==> flow/design.v <==
module cpu_reg_bank_n #(
   parameter ENTRIES = 64,
   parameter DW = 8,
   parameter ABITS = $clog2(ENTRIES)
) (
   input clock,
   input step,
   input load,
   input [ABITS-1:0] wsel,
   input [DW-1:0] wdata,
   input [ABITS-1:0] raddr,
   output [DW-1:0] read_data
);
   reg [DW-1:0] mem [ENTRIES-1:0];
   always @(posedge clock) begin
      if (step && load)
         mem[wsel] <= wdata;
   end
   assign read_data = mem[raddr];
endmodule
# From RTL to reports: cpu_reg_bank_n
# The steps from the RTL of cpu_reg_bank_n to its reports follow in flow order.
# Line numbers count from 1 in the design file above.
# Operators: Yosys type, input widths -> output width; for muxes data width and select width s.
# Cell names lack the library's common part.
# The mark - stands for no value.
dict set report design {
  top {cpu_reg_bank_n}
  clock {clock}
  lib {sky130hd}
  lib_corner {tt_025C_1v80}
}

# Elaborated design
# Source: Yosys, flattened and elaborated, memories not mapped. Widths are those after wreduce; folded enables and synchronous resets count as part of the registers. Registers that Yosys merges into a memory's read port (data or address) are not register bits. Print and check cells do not count. Equal cells are merged and count once.
# Yosys's memory passes give these memory sizes; they may raise the number of words (mostly to a power of two), join words into wider ones and drop unused or constant bits.
dict set report classes {
  mux 3
  n_reduce_logical 1
}
# cell n
set op_table {}
lappend op_table {{$mux 8} 1}
lappend op_table {{$mux 6} 1}
lappend op_table {{$logic_and 1x1->1} 1}
lappend op_table {{$mux 1} 1}
dict set report bits {
  register_bits 0
  ramBits 512
  n_memories 1
}
# name words width read_ports write_ports line_no
set memory_table {}
lappend memory_table {mem 64 8 1 1 14} ;# reg [DW-1:0] mem [ENTRIES-1:0];

# Depth
# Yosys ltp: most cells in a row. Word level: on the elaborated netlist, between registers, memories and ports. Mapped: between sequential cells and ports; inverters and the memories' decode and read muxes count.
dict set report depth {
  ltp_word 2
  ABC_AREA 0
  mapped_depth 7
  ltp_nobuf 5
}

# After synthesis
# Yosys stat after the flow's synthesis: flattened, memories mapped to cells. It holds for the ABC_AREA given above (unset counts as 0); a run with the other value may have another netlist.
dict set report synth_totals {
  stdcells 898
  mapped_area_um2 19920.4
  ffs 512
}
# type n type_area_um2
set by_type {}
lappend by_type {edfxtp_1 512 1.54E+04}
lappend by_type {mux4_2 104 2.34E+03}
lappend by_type {mux4_1 24 630.605}
lappend by_type {a22oi_1 37 277.766}
lappend by_type {nor2_1 69 258.998}
lappend by_type {mux2i_1 24 240.23}
lappend by_type {nand3_1 21 105.101}
lappend by_type {buf_6 7 78.826}
lappend by_type {buf_2 13 65.062}
lappend by_type {buf_4 8 60.058}
lappend by_type {clkbuf_1 14 52.55}
lappend by_type {and4_1 5 43.792}
lappend by_type {a21oi_1 8 40.038}
lappend by_type {nor2b_1 6 37.536}
lappend by_type {o211ai_1 5 37.536}
lappend by_type {mux2_2 3 33.782}
lappend by_type {nand2_1 9 33.782}
lappend by_type {a22o_1 3 26.275}
# Other cell types: 12; their cells: 26.

# Path before layout
# Source: OpenSTA report_checks on the synthesized netlist (no wires, ideal clock, input and output delay 20% of the period each), path of least setup slack; recovery checks are left aside. Register names are those of the netlist, which keeps one name where synthesis merged equal registers.
dict set report synth_path {
  kind {input to output}
  from {in raddr[0]}
  to {out read_data[6]}
  period_ns 2.97
  input_delay_ns 0.594
  output_delay_ns 0.594
  launch_ns 0.594
  arrival_ns 2.019
  slack_ns 0.357
  delay_ns 1.425
  stages 7
  n_path_buf 3
  synth_period_reached_ns 2.613
}
# "delay_ns" = arrival - input delay + setup time.
# A path that ends at an output port has no setup time.
# "stages": output pins that drive a net of the path, with the launching flip-flop's if there is one; two outputs of one cell count as two.
# "synth_period_reached_ns" = period - worst setup slack (recovery checks aside). The figure is calculated, with input and output delays left at 20% of the set period.
# Between the ends stands the longest chain of elaborated cells between them, by number of cells; it is not shown to be the way that was timed. Of several equally long chains one is given.
# Each line given opens the expression or statement behind the cell; cells for indexed reads and writes are added by Yosys, which also makes memories of some case tables.
# A memory read counts as a cell of the chain, while the word-level depth stops at memories.
dict set report synth_between {
  path_cell_list {buf_6 buf_6 buf_4 mux4_2 a22oi_1 nand3_1 and3_1}
  elab_chain_len 1
  cells_between 1
  cone_lines 1
  cone_classes {memory: 1}
}
# element line_no
set synth_rtl {}
lappend synth_rtl {{start, declared} 11} ;# input [ABITS-1:0] raddr,
lappend synth_rtl {{$mem_v2 64x8} 14} ;# reg [DW-1:0] mem [ENTRIES-1:0];
lappend synth_rtl {{end, declared} 12} ;# output [DW-1:0] read_data

# Worst path after layout
# Path of least setup slack in the final report of run 2 (OpenROAD, finished layout, wires in). Where an end is a register, its clock arrival counts in the times.
dict set report layout_path {
  kind {input to output}
  from {in raddr[0]}
  to {out read_data[2]}
  period_ns 4.57
  input_delay_ns 0.91
  output_delay_ns 0.91
  launch_ns 0.91
  arrival_ns 3.51
  slack_ns 0.15
  stages 8
  n_path_buf 4
}
# Between the ends stands the longest chain of elaborated cells between them, by number of cells; it is not shown to be the way that was timed. Of several equally long chains one is given.
# A memory read counts as a cell of the chain, while the word-level depth stops at memories.
dict set report layout_between {
  path_cell_list {clkbuf_8 buf_12 mux4_1 a22oi_1 buf_4 nand3_1 and4_2 clkdlybuf4s50_1}
  elab_chain_len 1
  cells_between 1
  cone_lines 1
  cone_classes {memory: 1}
}
# element line_no
set layout_rtl {}
lappend layout_rtl {{start, declared} 11} ;# input [ABITS-1:0] raddr,
lappend layout_rtl {{$mem_v2 64x8} 14} ;# reg [DW-1:0] mem [ENTRIES-1:0];
lappend layout_rtl {{end, declared} 12} ;# output [DW-1:0] read_data

# Settings and measured results of 3 stored flow runs for module cpu_reg_bank_n (sky130hd), not sorted in any way. The constraints put input and output delay at 20% of the set period each and load the outputs with 0.01 pF.
# "timing.achieved_period_ns" is the run's clock period less its worst setup slack. It is reckoned from that one timing run; input and output delays stay at 20% of the period that was set.
# "design_power_uw" rests on the timing tool's default activity at the inputs, not on a simulated workload.
run="run 1" settings period_ns=2.23 CORE_UTILIZATION=71 PLACE_DENSITY_LB_ADDON=0.19 CELL_PAD_IN_SITES_DETAIL_PLACEMENT=1 CTS_CLUSTER_SIZE=84 CAP_MARGIN=20 SLEW_MARGIN=25 MIN_ROUTING_LAYER="met2" CORE_MARGIN=2
run="run 1" outcome="incomplete, clock tree synthesis halted on DPL-0033"
run="run 2" settings period_ns=4.57 CORE_UTILIZATION=25 PLACE_DENSITY_LB_ADDON=0.12 CORE_ASPECT_RATIO=1.21 TNS_END_PERCENT=80 CAP_MARGIN=20 CORE_MARGIN=2 SLEW_MARGIN=20
run="run 2" results tns_setup_ns=0.000 timing.achieved_period_ns=4.425 finish.utilization_pct=30.4 design.die.area_um2=81964.7 design_power_uw=9900 ws_setup_ns=0.145 post_route_stdcell_area_um2=23943.0 synth_area_um2=19920.4
run="run 3" settings period_ns=2.97 CAP_MARGIN=20 CORE_MARGIN=2 CORE_UTILIZATION=40 SLEW_MARGIN=20
run="run 3" results tns_setup_ns=-0.110 timing.achieved_period_ns=3.023 finish.utilization_pct=50.2 design.die.area_um2=51601.7 design_power_uw=15519 ws_setup_ns=-0.053 post_route_stdcell_area_um2=24611.1 synth_area_um2=19920.4
